==> flow/design.v <==
module shft_p #(
    parameter integer XLEN = 10,
    parameter integer LG = $clog2(XLEN)
) (
    input wire ck,
    input wire aresetn,
    input wire [XLEN-1:0] in,
    input wire [LG-1:0] dist_in,
    output reg [XLEN-1:0] data_out
);
    reg [XLEN-1:0] nxt;
    integer n;
    always @(*) begin
        nxt = in;
        for (n = 0; n < LG; n = n + 1)
            if (dist_in[n]) nxt = nxt >> (1 << n);
    end
    always @(posedge ck) begin
        if (!aresetn) begin
            data_out <= 0;
        end else begin
            data_out <= nxt;
        end
    end
endmodule
Subject: tool reports on shft_p

Hi,

Reports on shft_p

Tool output for the members of one design family, told apart by "XLEN", in the order of the flow.
The RTL above is that of XLEN = 10; lines are counted from 1 in the file of the member named.
Operators: Yosys type, input widths -> output width; for muxes data width and select width s.
Not given: --

Top module: shft_p
Clock: ck
Standard-cell library: sky130hd
Corner: tt_025C_1v80

Source of the members

New or changed lines of each further member against the RTL above, in its own file; lines it lacks are not shown.

Lines new or changed:

| XLEN | line | RTL |
| 12   | 2    | `parameter integer XLEN = 12,` |
| 28   | 2    | `parameter integer XLEN = 28,` |
| 80   | 2    | `parameter integer XLEN = 80,` |
| 96   | 2    | `parameter integer XLEN = 96,` |

Word-level counts

Source: Yosys, flattened and elaborated, memories not mapped. Widths are those after wreduce. Registers that Yosys merges into a memory's read port (data or address) are not register bits. Print and check cells do not count. Equal cells are merged and count once.

Cells by class:

| XLEN | mux-type cells | add/subtract/negate cells | shift-type cells | eq/ne operators | bitwise operators | multipliers | div/mod/pow operators | magnitude comparators | reduce/logical cells |
| 10   | 4              | 0                         | 0                | 0               | 1                 | 0           | 0                     | 0                     | 2 |
| 12   | 4              | 0                         | 0                | 0               | 1                 | 0           | 0                     | 0                     | 1 |
| 28   | 5              | 0                         | 0                | 0               | 1                 | 0           | 0                     | 0                     | 1 |
| 80   | 7              | 0                         | 0                | 0               | 1                 | 0           | 0                     | 0                     | 2 |
| 96   | 7              | 0                         | 0                | 0               | 1                 | 0           | 0                     | 0                     | 1 |

Operators with widths:

| XLEN | kind and count |
| 10   | 3 x $mux 10; 1 x $reduce_or 3->1; 1 x $reduce_or 2->1; 1 x $mux 2; 1 x $not 1->1 |
| 12   | 3 x $mux 12; 1 x $mux 4; 1 x $reduce_or 2->1; 1 x $not 1->1 |
| 28   | 4 x $mux 28; 1 x $mux 12; 1 x $reduce_or 2->1; 1 x $not 1->1 |
| 80   | 6 x $mux 80; 1 x $mux 16; 1 x $reduce_or 3->1; 1 x $reduce_or 2->1; 1 x $not 1->1 |
| 96   | 6 x $mux 96; 1 x $mux 32; 1 x $reduce_or 2->1; 1 x $not 1->1 |

Word-level totals:

| XLEN | memory cells | memory bits (read-only) | flip-flop bits (word level) | latch bits | memory bits (writable) | clocked read ports x word width | elaborated cells |
| 10   | 0            | 0                       | 10                          | 0          | 0                      | 0                               | 10 |
| 12   | 0            | 0                       | 12                          | 0          | 0                      | 0                               | 8 |
| 28   | 0            | 0                       | 28                          | 0          | 0                      | 0                               | 9 |
| 80   | 0            | 0                       | 80                          | 0          | 0                      | 0                               | 13 |
| 96   | 0            | 0                       | 96                          | 0          | 0                      | 0                               | 11 |

Longest topological paths

Yosys ltp: most cells in a row. Word level: on the elaborated netlist, between registers, memories and ports. Mapped: between sequential cells and ports; inverters and the memories' decode and read muxes count.

Depth:

| XLEN | depth after elaboration | ABC_AREA | gate-level depth with buffers | gate-level depth less buffers |
| 10   | 4                       | 0        | 5                             | 3 |
| 12   | 4                       | 0        | 6                             | 4 |
| 28   | 5                       | 0        | 7                             | 4 |
| 80   | 7                       | 0        | 11                            | 6 |
| 96   | 7                       | 0        | 11                            | 6 |

Netlist

The flow's flattened synthesis, as Yosys stat reports it; memories are mapped. The netlist is that of the ABC_AREA named above (0 if unset); the other value can give another one.
The area totals of this step are shown rounded.

Synthesis totals:

| XLEN | cell count | cell area after synthesis (sq um) | flip-flops |
| 10   | 59         | 630                               | 10 |
| 12   | 73         | 760                               | 12 |
| 28   | 184        | 2100                              | 28 |
| 80   | 751        | 7100                              | 80 |
| 96   | 1008       | 9700                              | 96 |

Cell types:

| XLEN | types with counts |
| 10   | 10 x sky130_fd_sc_hd__dfxtp_1; 8 x sky130_fd_sc_hd__mux2i_1; 3 x sky130_fd_sc_hd__mux4_1; 3 x sky130_fd_sc_hd__mux2_2; 1 x sky130_fd_sc_hd__mux4_2; 3 x sky130_fd_sc_hd__and3_1; 2 x sky130_fd_sc_hd__nor4b_1; 2 x sky130_fd_sc_hd__a211oi_1; 2 x sky130_fd_sc_hd__buf_4; 2 x sky130_fd_sc_hd__nand3b_1; 4 x sky130_fd_sc_hd__nor2_1; 2 x sky130_fd_sc_hd__nor3b_1; 2 x sky130_fd_sc_hd__nor2b_1; 1 x sky130_fd_sc_hd__buf_6; 3 x sky130_fd_sc_hd__nand2_1; 1 x sky130_fd_sc_hd__o41a_1; 1 x sky130_fd_sc_hd__o31a_1; 1 x sky130_fd_sc_hd__or2b_1; (+8) |
| 12   | 12 x sky130_fd_sc_hd__dfxtp_1; 11 x sky130_fd_sc_hd__mux2i_1; 3 x sky130_fd_sc_hd__mux4_2; 6 x sky130_fd_sc_hd__nor2b_1; 3 x sky130_fd_sc_hd__mux2_2; 2 x sky130_fd_sc_hd__mux2_4; 1 x sky130_fd_sc_hd__mux4_1; 2 x sky130_fd_sc_hd__buf_6; 6 x sky130_fd_sc_hd__nor2_1; 3 x sky130_fd_sc_hd__nor3b_1; 5 x sky130_fd_sc_hd__nand2_1; 1 x sky130_fd_sc_hd__a221oi_2; 2 x sky130_fd_sc_hd__nand2b_1; 2 x sky130_fd_sc_hd__buf_2; 2 x sky130_fd_sc_hd__nor3_1; 1 x sky130_fd_sc_hd__a2111oi_0; 1 x sky130_fd_sc_hd__and3b_1; 1 x sky130_fd_sc_hd__nor4b_1; (+9) |
| 28   | 28 x sky130_fd_sc_hd__dfxtp_1; 16 x sky130_fd_sc_hd__mux4_1; 10 x sky130_fd_sc_hd__mux4_2; 17 x sky130_fd_sc_hd__mux2i_1; 8 x sky130_fd_sc_hd__mux2_2; 18 x sky130_fd_sc_hd__nor2_1; 6 x sky130_fd_sc_hd__o221ai_1; 5 x sky130_fd_sc_hd__a2bb2oi_1; 7 x sky130_fd_sc_hd__nand3_1; 3 x sky130_fd_sc_hd__buf_6; 5 x sky130_fd_sc_hd__nor2b_1; 3 x sky130_fd_sc_hd__a32o_1; 8 x sky130_fd_sc_hd__nand2_1; 3 x sky130_fd_sc_hd__a32oi_1; 5 x sky130_fd_sc_hd__buf_2; 4 x sky130_fd_sc_hd__nand2b_1; 1 x sky130_fd_sc_hd__buf_12; 4 x sky130_fd_sc_hd__o21ai_0; (+33) |
| 80   | 80 x sky130_fd_sc_hd__dfxtp_1; 59 x sky130_fd_sc_hd__mux4_2; 92 x sky130_fd_sc_hd__mux2i_1; 53 x sky130_fd_sc_hd__mux2_2; 89 x sky130_fd_sc_hd__nand2_1; 72 x sky130_fd_sc_hd__nor2_1; 8 x sky130_fd_sc_hd__mux4_1; 38 x sky130_fd_sc_hd__o21ai_0; 28 x sky130_fd_sc_hd__o22ai_1; 29 x sky130_fd_sc_hd__clkbuf_1; 21 x sky130_fd_sc_hd__a21oi_1; 12 x sky130_fd_sc_hd__o22a_1; 16 x sky130_fd_sc_hd__buf_2; 8 x sky130_fd_sc_hd__o221ai_1; 8 x sky130_fd_sc_hd__o211ai_1; 6 x sky130_fd_sc_hd__a211o_1; 6 x sky130_fd_sc_hd__a2bb2oi_1; 8 x sky130_fd_sc_hd__nor2b_1; (+118) |
| 96   | 112 x sky130_fd_sc_hd__mux4_2; 96 x sky130_fd_sc_hd__dfxtp_1; 91 x sky130_fd_sc_hd__mux2i_1; 80 x sky130_fd_sc_hd__mux2_2; 116 x sky130_fd_sc_hd__nand2_1; 107 x sky130_fd_sc_hd__nor2_1; 42 x sky130_fd_sc_hd__a21oi_1; 20 x sky130_fd_sc_hd__a211oi_1; 40 x sky130_fd_sc_hd__clkbuf_1; 30 x sky130_fd_sc_hd__o21ai_0; 22 x sky130_fd_sc_hd__o22ai_1; 24 x sky130_fd_sc_hd__buf_2; 21 x sky130_fd_sc_hd__nor3_1; 10 x sky130_fd_sc_hd__a221oi_1; 10 x sky130_fd_sc_hd__o221ai_1; 10 x sky130_fd_sc_hd__o211ai_1; 19 x sky130_fd_sc_hd__buf_1; 6 x sky130_fd_sc_hd__buf_6; (+152) |

The mark (+n) counts cells that are not listed.

Worst setup path after synthesis

Path of least setup slack by OpenSTA after synthesis, without wires, with an ideal clock, recovery checks aside; 20% of the period is set as input and as output delay. Where synthesis merged equal registers, the netlist keeps one of their names.

Path post-synthesis:

| XLEN | path type         | start                 | end                   | period (ps) | path slack (ps) | stages | delay of the path (ps) | synthesis period reached (ps) |
| 10   | input to register | input port dist_in[0] | register data_out[0]  | 1840        | 295             | 4      | 1176                   | 1545 |
| 12   | input to register | input port dist_in[0] | register data_out[3]  | 1700        | 271             | 5      | 1089                   | 1429 |
| 28   | input to register | input port dist_in[0] | register data_out[3]  | 2190        | 353             | 6      | 1399                   | 1837 |
| 80   | input to register | input port dist_in[0] | register data_out[0]  | 3100        | 493             | 10     | 1986                   | 2607 |
| 96   | input to register | input port dist_in[0] | register data_out[20] | 3170        | 510             | 8      | 2027                   | 2660 |

"delay of the path" is the arrival time less input delay plus setup time.
"stages" counts driving pins, that of a launching flip-flop among them; a cell with two outputs on the path counts twice.
"synthesis period reached" = period - worst setup slack (recovery checks aside). The figure is calculated, with input and output delays left at 20% of the set period.
Between the ends stands the longest chain of elaborated cells between them, by number of cells; it is not shown to be the way that was timed. Of several equally long chains one is given.
Each line given opens the expression or statement behind the cell; cells for indexed reads and writes are added by Yosys, which also makes memories of some case tables.

On the way, post-synthesis, XLEN = 10:
Cells in the longest elaborated chain: 4

Ends and longest elaborated chain, post-synthesis, XLEN = 10:

| item                 | line | RTL |
| start, declared      | 8    | `input wire [LG-1:0] dist_in,` |
| $mux 10 (3 in a row) | 16   | `if (dist_in[n]) nxt = nxt >> (1 << n);` |
| $mux 2               | 16   |  |
| end, assigned        | 20   | `data_out <= 0;` |
| end, assigned        | 22   | `data_out <= nxt;` |
| end, declared        | 9    | `output reg [XLEN-1:0] data_out` |

On the way, post-synthesis, XLEN = 96:
Cells in the longest elaborated chain: 7

Ends and longest elaborated chain, post-synthesis, XLEN = 96:

| item                 | line | RTL |
| start, declared      | 8    | `input wire [LG-1:0] dist_in,` |
| $mux 96 (6 in a row) | 16   | `if (dist_in[n]) nxt = nxt >> (1 << n);` |
| $mux 32              | 16   |  |
| end, assigned        | 20   | `data_out <= 0;` |
| end, assigned        | 22   | `data_out <= nxt;` |
| end, declared        | 9    | `output reg [XLEN-1:0] data_out` |

Timing after layout

From the final timing report of each member's run: the path of least setup slack in the routed layout; clock arrival at registers is part of the times.
The report prints the path's times to 10 ps; the period is as set.

Path post-layout:

| XLEN | path type         | start                 | end                   | path slack (ps) | period (ps) | arrival time (ps) | stages | buffers on the path |
| 10   | input to register | input port dist_in[1] | register data_out[0]  | 170             | 1840        | 1800              | 5      | 2 |
| 12   | input to register | input port in[10]     | register data_out[3]  | 120             | 1700        | 1730              | 5      | 1 |
| 28   | input to register | input port dist_in[1] | register data_out[0]  | 80              | 2190        | 2260              | 6      | 2 |
| 80   | input to register | input port dist_in[0] | register data_out[7]  | 160             | 3100        | 3120              | 8      | 2 |
| 96   | input to register | input port dist_in[0] | register data_out[35] | 100             | 3170        | 3300              | 10     | 4 |

Measured runs

Settings and results of one run of the flow (Yosys, OpenROAD) for each member follow. The constraints put input and output delay at 20% of the set period each and load the outputs with 0.01 pF.

CAP_MARGIN: 20
CORE_MARGIN: 2
CORE_UTILIZATION: 40
SLEW_MARGIN: 20

Settings by member:

| XLEN | period_ns |
| 10   | 1.84 |
| 12   | 1.7 |
| 28   | 2.19 |
| 80   | 3.1 |
| 96   | 3.17 |

Results:

| XLEN | netlist area reported by Yosys (sq um) | power (mW) | full die area (sq um) | standard-cell area of the final layout (sq um) | lowest setup slack (ps) | worst hold slack in the final report (ps) | achieved clock period (ps) |
| 10   | 630                                    | 0.53       | 1900                  | 990                                            | 170                     | 610                                       | 1667 |
| 12   | 760                                    | 0.70       | 2300                  | 1200                                           | 120                     | 710                                       | 1582 |
| 28   | 2100                                   | 1.6        | 5900                  | 3300                                           | 76                      | 960                                       | 2114 |
| 80   | 7100                                   | 3.5        | 19000                 | 9600                                           | 160                     | 930                                       | 2942 |
| 96   | 9700                                   | 4.7        | 25000                 | 13000                                          | 96                      | 800                                       | 3074 |

"achieved clock period" means the clock period less the worst setup slack. The figure is calculated, with input and output delays left at 20% of the set period.
"power": no workload was simulated; the value follows from the tool's default switching activity.
The measured numbers are rounded.

Regards
